==> flow/design.v <==
module mux2 #(parameter N = 1) (
    input wire [N-1:0] a,
    input wire [N-1:0] b,
    input wire s,
    output wire [N-1:0] y
);
    assign y = s ? b : a;
endmodule
module data_mux_n (i_clk, aresetn, in_in, idx_in, res_out);
    parameter integer BITS = 3;
    parameter integer LANES = 4;
    localparam integer SEL_WIDTH = $clog2(LANES);
    input i_clk;
    input aresetn;
    input [LANES*BITS-1:0] in_in;
    input [SEL_WIDTH-1:0] idx_in;
    output [BITS-1:0] res_out;
    reg [LANES*BITS-1:0] in_d1;
    reg [SEL_WIDTH-1:0] idx_d1;
    always @(posedge i_clk or negedge aresetn) begin
        if (~aresetn) begin
            in_d1 <= 0;
            idx_d1 <= 0;
        end else begin
            in_d1 <= in_in;
            idx_d1 <= idx_in;
        end
    end
    wire [BITS-1:0] tree [1:2*LANES-1];
    genvar k;
    generate
        for (k = 0; k < LANES; k = k + 1) begin : u_g
            assign tree[LANES+k] = in_d1[k*BITS +: BITS];
        end
        for (k = 1; k < LANES; k = k + 1) begin : stage
            mux2 #(.N(BITS)) i_sub (.a(tree[2*k]), .b(tree[2*k+1]), .s(idx_d1[SEL_WIDTH - $clog2(k+1)]), .y(tree[k]));
        end
    endgenerate
    assign res_out = tree[1];
endmodule
* Tool chain data of data_mux_n
What the tools print for data_mux_n, step after step.
Lines are those of the file above, counted from 1.
Operators carry their Yosys type and port widths (W data, S select, Z words).
Cell names lack the library's common part.
A cell with n/a has no value.
- Top :: data_mux_n
- Clock :: i_clk
- Standard-cell library :: sky130hd
- Timing corner :: tt_025C_1v80

* Word level
Counts by Yosys on the flattened word-level netlist (proc, flatten, opt, wreduce). Print and check cells are left out. Cells with the same type and inputs are merged into one.
- Output and inout bits :: 3
- Bits of input ports :: 16
- Register bits after elaboration :: 14
- Word-level cells :: 5
- Muxes and demuxes :: 3
** Operators by type and width (count)
- $mux W3 :: 3

* Depth
Longest topological path by Yosys (ltp), each cell counted once; first at word level (registers and memories cut), then after technology mapping (sequential cells cut; the memories' decode and read muxes count).
- Depth in word-level cells :: 2
- ABC_AREA :: 0
- Gate-level depth with buffers :: 1
- Mapped depth without buffers :: 1

* Netlist
Source: synth_stat.txt of the flow (Yosys; design flattened, memories mapped). It holds for the ABC_AREA given above (unset counts as 0); a run with the other value may have another netlist.
Totals and module areas in this step are rounded.
- Chip area (Yosys) :: 429 sq um
- Cell count :: 17
- Mapped flip-flops :: 14
** Cells by type (count)
- dfrtp_1 :: 14
- mux4_1 :: 3
By module: a second synthesis without flattening, with its own total; a netlist apart from the flattened one above.
- Cell total of the unflattened synthesis :: 23
- Area (unflattened synthesis) :: 452 sq um
Each row is one instance without its submodules.
** Modules
- data_mux_n :: seq. area 350 sq um, times used 1, cells 14, area 350 sq um
- mux2 #(N=3) :: seq. area 0.0 sq um, times used 3, cells 3, area 33.8 sq um

* Timing after synthesis
Source: OpenSTA report_checks on the synthesized netlist (no wires, ideal clock, input and output delay 20% of the period each), path of least setup slack; recovery checks are left aside. Register names are those of the netlist, which keeps one name where synthesis merged equal registers.
- Path type :: flip-flop to output port
- Start :: register idx_d1[0]
- End :: output port res_out[0]
- Path delay :: 980 ps
- Data required time :: 1224 ps
- Buffers on the path :: 0
- Period :: 1530 ps
- Driving pins on the path :: 2
- Arrival time :: 980 ps
- Slack :: 244 ps
- Synthesis period reached :: 1286 ps
"path delay" is the arrival time less input delay plus setup time.
At an output port there is no setup time.
"driving pins on the path": output pins that drive a net of the path, with the launching flip-flop's if there is one; two outputs of one cell count as two.
"synthesis period reached" = period - worst setup slack (recovery checks aside). The figure is calculated, with input and output delays left at 20% of the set period.
The rows between start and end are the longest chain of elaborated cells between them; the timing report does not say that the signal goes this way. Where chains are equally long, one stands for them.
A line is the first line of the expression or statement that the cell stems from. Yosys adds cells for indexed reads and writes and turns some case tables into memories.
- Path through :: dfrtp_1 -> mux4_1
- Cells in the longest elaborated chain :: 2
** RTL lines, path post-synthesis
- from (decl) :: line 19 : reg [SEL_WIDTH-1:0] idx_d1;
- from (assign) :: line 23 : idx_d1 <= 0;
- from (assign) :: line 26 : idx_d1 <= idx_in;
- $mux W3 x2 :: line 7 : assign y = s ? b : a;
- to (decl) :: line 17 : output [BITS-1:0] res_out;

* Timing after layout
From the final timing report of entry A: the path of least setup slack in the routed layout; clock arrival at registers is part of the times.
The path's times are printed in steps of 10 ps; the period is the one set.
- Path type :: flip-flop to output port
- Start :: register idx_d1[0]
- End :: output port res_out[2]
- Driving pins on the path :: 4
- Data required time :: 940 ps
- Buffers on the path :: 2
- Arrival time :: 1370 ps
- Period :: 1180 ps
- Slack :: -430 ps
The rows between start and end are the longest chain of elaborated cells between them; the timing report does not say that the signal goes this way. Where chains are equally long, one stands for them.
- Path through :: dfrtp_1 -> buf_6 -> mux4_2 -> buf_6
- Cells in the longest elaborated chain :: 2
** RTL lines, path post-layout
- from (decl) :: line 19 : reg [SEL_WIDTH-1:0] idx_d1;
- from (assign) :: line 23 : idx_d1 <= 0;
- from (assign) :: line 26 : idx_d1 <= idx_in;
- $mux W3 x2 :: line 7 : assign y = s ? b : a;
- to (decl) :: line 17 : output [BITS-1:0] res_out;

Module data_mux_n, platform sky130hd: 3 stored runs of the flow (Yosys, OpenROAD) with differing settings, in no particular order. Input and output delays are each 20% of the period that was set; the output load is 0.01 pF.
"achieved period" is the run's clock period less its worst setup slack. It is reckoned from that one timing run; input and output delays stay at 20% of the period that was set.
"time on the worst setup path" is the time allowed to the run's worst setup path (the clock period less input and output delay, where it has them) less its slack. Clock arrival times count: a late capture clock shortens it, a late launch clock lengthens it.
"overall power" is the tool's figure for a default switching activity; nothing was simulated.
"time on the worst setup path" is known to 10 ps.
The measured numbers are rounded.

** Entry A
- Settings :: period_ns=1.18; CORE_UTILIZATION=22; SETUP_SLACK_MARGIN=-0.11; PLACE_DENSITY=0.42; CORE_ASPECT_RATIO=0.52; CELL_PAD_IN_SITES_DETAIL_PLACEMENT=0; CTS_CLUSTER_DIAMETER=389; CAP_MARGIN=35; CORE_MARGIN=2; SLEW_MARGIN=20
- Overall power :: 1.08 mW
- Time on the worst setup path :: 1,370 ps
- Worst setup path kind :: flip-flop to output port
- Area of the synthesized netlist :: 429 sq um
- Final design utilization :: 0.394
- Die footprint :: 2,340 sq um
- Achieved period :: 1,609 ps
- Total negative slack on setup checks :: -1,280 ps
- Standard-cell area of the final layout :: 716 sq um
- Worst setup slack after layout :: -429 ps

** Entry B
- Settings :: period_ns=1.53; CAP_MARGIN=20; CORE_MARGIN=2; CORE_UTILIZATION=40; SLEW_MARGIN=20
- Area of the synthesized netlist :: 429 sq um
- Worst setup slack after layout :: -177 ps
- Overall power :: 0.628 mW
- Total negative slack on setup checks :: -495 ps
- Die footprint :: 1,350 sq um
- Achieved period :: 1,707 ps
- Final design utilization :: 0.679
- Standard-cell area of the final layout :: 654 sq um
- Time on the worst setup path :: 1,400 ps
- Worst setup path kind :: flip-flop to output port

** Entry C
- Settings :: period_ns=2.21; CORE_UTILIZATION=26; SETUP_SLACK_MARGIN=0.2; PLACE_DENSITY=0.47; HOLD_SLACK_MARGIN=0.3; CORE_ASPECT_RATIO=1.52; CELL_PAD_IN_SITES_GLOBAL_PLACEMENT=2; ABC_AREA=1; GPL_TIMING_DRIVEN=1; CTS_CLUSTER_SIZE=13; CTS_CLUSTER_DIAMETER=282; MIN_ROUTING_LAYER=met1; MAX_ROUTING_LAYER=met5; CAP_MARGIN=20; CORE_MARGIN=2; SLEW_MARGIN=20
- Total negative slack on setup checks :: 0 ps
- Time on the worst setup path :: 1,190 ps
- Worst setup path kind :: flip-flop to output port
- Die footprint :: 2,250 sq um
- Overall power :: 0.465 mW
- Worst setup slack after layout :: 580 ps
- Area of the synthesized netlist :: 489 sq um
- Achieved period :: 1,630 ps
- Standard-cell area of the final layout :: 727 sq um
- Final design utilization :: 0.408
